==> flow/design.v <==
module scratch_n #(
    parameter integer D = 40,
    parameter integer DWIDTH = 40,
    parameter integer AW = $clog2(D)
) (
    input  clk,
    input  [AW-1:0] index_in,
    input  write_in,
    input  [DWIDTH-1:0] din_in,
    output [DWIDTH-1:0] q_out
);
    reg [DWIDTH-1:0] array [0:D-1];
    always @(posedge clk)
        if (write_in) array[index_in] <= din_in;
    assign q_out = write_in ? din_in : array[index_in];
endmodule
Step by step through the tools: scratch_n. What the tools print for scratch_n, step after step. Line numbers count from 1 in the design file above. Operators carry their Yosys type and port widths (W data, S select, Z words). Cell names lack the library's common part. A cell with n/a has no value.

Design top: scratch_n. Clock port: clk. Cell library: sky130hd. Corner: tt_025C_1v80.

Elaborated design. Source: Yosys, flattened and elaborated, memories not mapped. Widths are those after wreduce; folded enables and synchronous resets count as part of the registers. Registers that Yosys merges into a memory's read port (data or address) are not register bits. Print and check cells do not count. Equal cells are merged and count once. Yosys's memory passes give these memory sizes; they may raise the number of words (mostly to a power of two), join words into wider ones and drop unused or constant bits.

For flip-flop bits (word level) the number is 0. The figure for memories is 1. Under bits in writable memories stands 1600.

The figure for muxes and demuxes is 4.

Memory list: array (depth 40, bits a word 40, rd ports 1, wr ports 1, line 12) `reg [DWIDTH-1:0] array [0:D-1];`.

Operator list (number): $mux W40 (2); $mux W6 (1); $mux W1 (1).

Logic depth. Yosys ltp: most cells in a row. Word level: on the elaborated netlist, between registers, memories and ports. Mapped: between sequential cells and ports; inverters and the memories' decode and read muxes count.

Word-level depth: 1. The figure for ABC_AREA is 0. For gate-level depth with buffers the number is 11. Under gate-level depth less buffers stands 6.

Synthesis result. Yosys stat after the flow's synthesis: flattened, memories mapped to cells. It holds for the ABC_AREA given above (unset counts as 0); a run with the other value may have another netlist. The area totals of this step are shown rounded.

The figure for buffer cells is 240. For cell count the number is 3309. For synthesis area the number is 61400 µm². The figure for mapped flip-flops is 1600. The entry for sequential area reads 48000 µm².

Cells by type: edfxtp_1 (number 1600, area in all 4.8E+04 µm²); a221oi_1 (number 259, area in all 2.27E+03 µm²); mux4_2 (number 94, area in all 2117.03 µm²); mux2i_1 (number 174, area in all 1741.67 µm²); mux2_2 (number 98, area in all 1.1E+03 µm²); nor2_1 (number 174, area in all 653.126 µm²); a22oi_1 (number 80, area in all 600.576 µm²); o21ai_0 (number 119, area in all 595.571 µm²); buf_2 (number 93, area in all 465.446 µm²); o22ai_1 (number 74, area in all 462.944 µm²); a21oi_1 (number 66, area in all 330.317 µm²); clkbuf_1 (number 84, area in all 315.302 µm²); nand2_1 (number 82, area in all 307.795 µm²); a221o_1 (number 21, area in all 210.202 µm²); a22o_1 (number 24, area in all 210.202 µm²); buf_4 (number 27, area in all 202.694 µm²); a222oi_1 (number 19, area in all 190.182 µm²); o221ai_1 (number 19, area in all 166.41 µm²).

Other cell types: 43; their cells: 202.

Path before layout. Source: OpenSTA report_checks on the synthesized netlist (no wires, ideal clock, input and output delay 20% of the period each), path of least setup slack; recovery checks are left aside. Register names are those of the netlist, which keeps one name where synthesis merged equal registers.

Path type: input port to flip-flop. From: in index_in[2]. To: mem array[32][0]. The figure for path buffers is 5. The entry for input delay reads 1.300 ns. The figure for required time is 6.013 ns. Under slack stands 1.043 ns. Under data arrival time stands 4.970 ns. The figure for period is 6.5 ns. For time at the first pin the number is 1.300 ns. The figure for setup time is 0.487 ns. The entry for path delay reads 4.157 ns. Stages on the path: 6. For synthesis period reached the number is 5.457 ns.

"path delay" = arrival - input delay + setup time. "stages on the path" counts driving pins, that of a launching flip-flop among them; a cell with two outputs on the path counts twice. "synthesis period reached" = period - worst setup slack (recovery checks aside). The figure is calculated, with input and output delays left at 20% of the set period. Between the ends stands the longest chain of elaborated cells between them, by number of cells; it is not shown to be the way that was timed. Of several equally long chains one is given. A line is the first line of the expression or statement that the cell stems from. Yosys adds cells for indexed reads and writes and turns some case tables into memories.

Cell sequence: buf_2 > buf_4 > buf_2 > buf_2 > buf_2 > nor3_1. Length of the longest elaborated chain: 1. The figure for elaborated cells between the ends (all ways) is 1. Under source lines of those cells stands 1.

Ends and longest elaborated chain, post-synthesis: from (decl) (line 7) `input  [AW-1:0] index_in,`; $mux W6 (line 14) `if (write_in) array[index_in] <= din_in;`; to (decl) (line 12) `reg [DWIDTH-1:0] array [0:D-1];`.

Worst path after layout. Path of least setup slack in the final report of run 1 (OpenROAD, finished layout, wires in). Where an end is a register, its clock arrival counts in the times.

Path type: input port to output port. From: in index_in[0]. To: out q_out[9]. Under data arrival time stands 3.58 ns. Under slack stands 1.83 ns. The entry for input delay reads 1.35 ns. The figure for required time is 5.41 ns. The figure for path buffers is 4. The figure for period is 6.76 ns. Stages on the path: 9. For output delay the number is 1.35 ns. For time at the first pin the number is 1.35 ns.

Between the ends stands the longest chain of elaborated cells between them, by number of cells; it is not shown to be the way that was timed. Of several equally long chains one is given. The chain passes a memory read, where the word-level depth is cut; so it can be longer than that depth.

Cell sequence: clkbuf_16 > buf_12 > inv_16 > buf_8 > a221o_1 > a22oi_2 > o221ai_2 > o32a_1 > dlygate4sd2_1. Length of the longest elaborated chain: 2. The figure for elaborated cells between the ends (all ways) is 2. Under source lines of those cells stands 2.

Ends and longest elaborated chain, after layout: from (decl) (line 7) `input  [AW-1:0] index_in,`; $mem_v2 Z40 W40 (line 12) `reg [DWIDTH-1:0] array [0:D-1];`; $mux W40 (line 15) `assign q_out = write_in ? din_in : array[index_in];`; to (decl) (line 10) `output [DWIDTH-1:0] q_out`.

Subject: flow runs of scratch_n

Hi,

3 stored runs of scratch_n in the flow (synthesis by Yosys, layout by OpenROAD, sky130hd cells), in arbitrary order. Constraints: input delay and output delay 20% of the set period each, output load 0.01 pF. By "period reached" is meant the clock period of the run minus its worst setup slack. This is arithmetic on one report: input and output delays are still those of the set period (20% each). "time on the worst setup path": the worst setup path's part of the clock period (all of it between registers, 20% less for each end at a port) less its slack. A launch clock that arrives late makes it longer, a capture clock that arrives late makes it shorter. "total power after layout" rests on the timing tool's default activity at the inputs, not on a simulated workload. The results are shown rounded.

Run 1 has these settings: period_ns 6.76; CORE_UTILIZATION 65; SETUP_SLACK_MARGIN 2.01; PLACE_DENSITY 0.52; CORE_MARGIN 7; CELL_PAD_IN_SITES_DETAIL_PLACEMENT 0; ABC_AREA 0; CTS_CLUSTER_SIZE 91; CAP_MARGIN 30; MAX_ROUTING_LAYER met4; SLEW_MARGIN 20. The area of the standard cells in the finished layout reads 74,800 µm². The time on the worst setup path stands at 2.23 ns. Kind of the worst setup path: input port to output port. The worst hold slack stands at 1.24 ns. For the total power after layout the run shows 21,000 uW. The post-layout utilization comes to 80.1 %. The worst setup slack after layout is 1.83 ns. The die outline area comes to 103,000 µm². The measured synthesized cell area is 61,400 µm². The period reached stands at 4.929 ns. The total negative slack on setup checks reads 0.000 ns.

Run 2 has these settings: period_ns 4.18; CORE_UTILIZATION 71; SETUP_SLACK_MARGIN 1.16; PLACE_DENSITY_LB_ADDON 0.05; CELL_PAD_IN_SITES_DETAIL_PLACEMENT 1; TNS_END_PERCENT 75; GPL_ROUTABILITY_DRIVEN 0; CTS_CLUSTER_DIAMETER 176; CAP_MARGIN 10; CORE_MARGIN 2; SLEW_MARGIN 20. Outcome: did not finish, placement stopped with DPL-0033.

Run 3 has these settings: period_ns 6.5; CAP_MARGIN 20; CORE_MARGIN 2; CORE_UTILIZATION 40; SLEW_MARGIN 20. The area of the standard cells in the finished layout reads 71,300 µm². The time on the worst setup path stands at 3.63 ns. Kind of the worst setup path: input port to output port. The worst hold slack stands at 1.36 ns. For the total power after layout the run shows 21,700 uW. The post-layout utilization comes to 46.8 %. The worst setup slack after layout is 0.265 ns. The die outline area comes to 157,000 µm². The measured synthesized cell area is 61,400 µm². The period reached stands at 6.235 ns. The total negative slack on setup checks reads 0.000 ns.

Regards
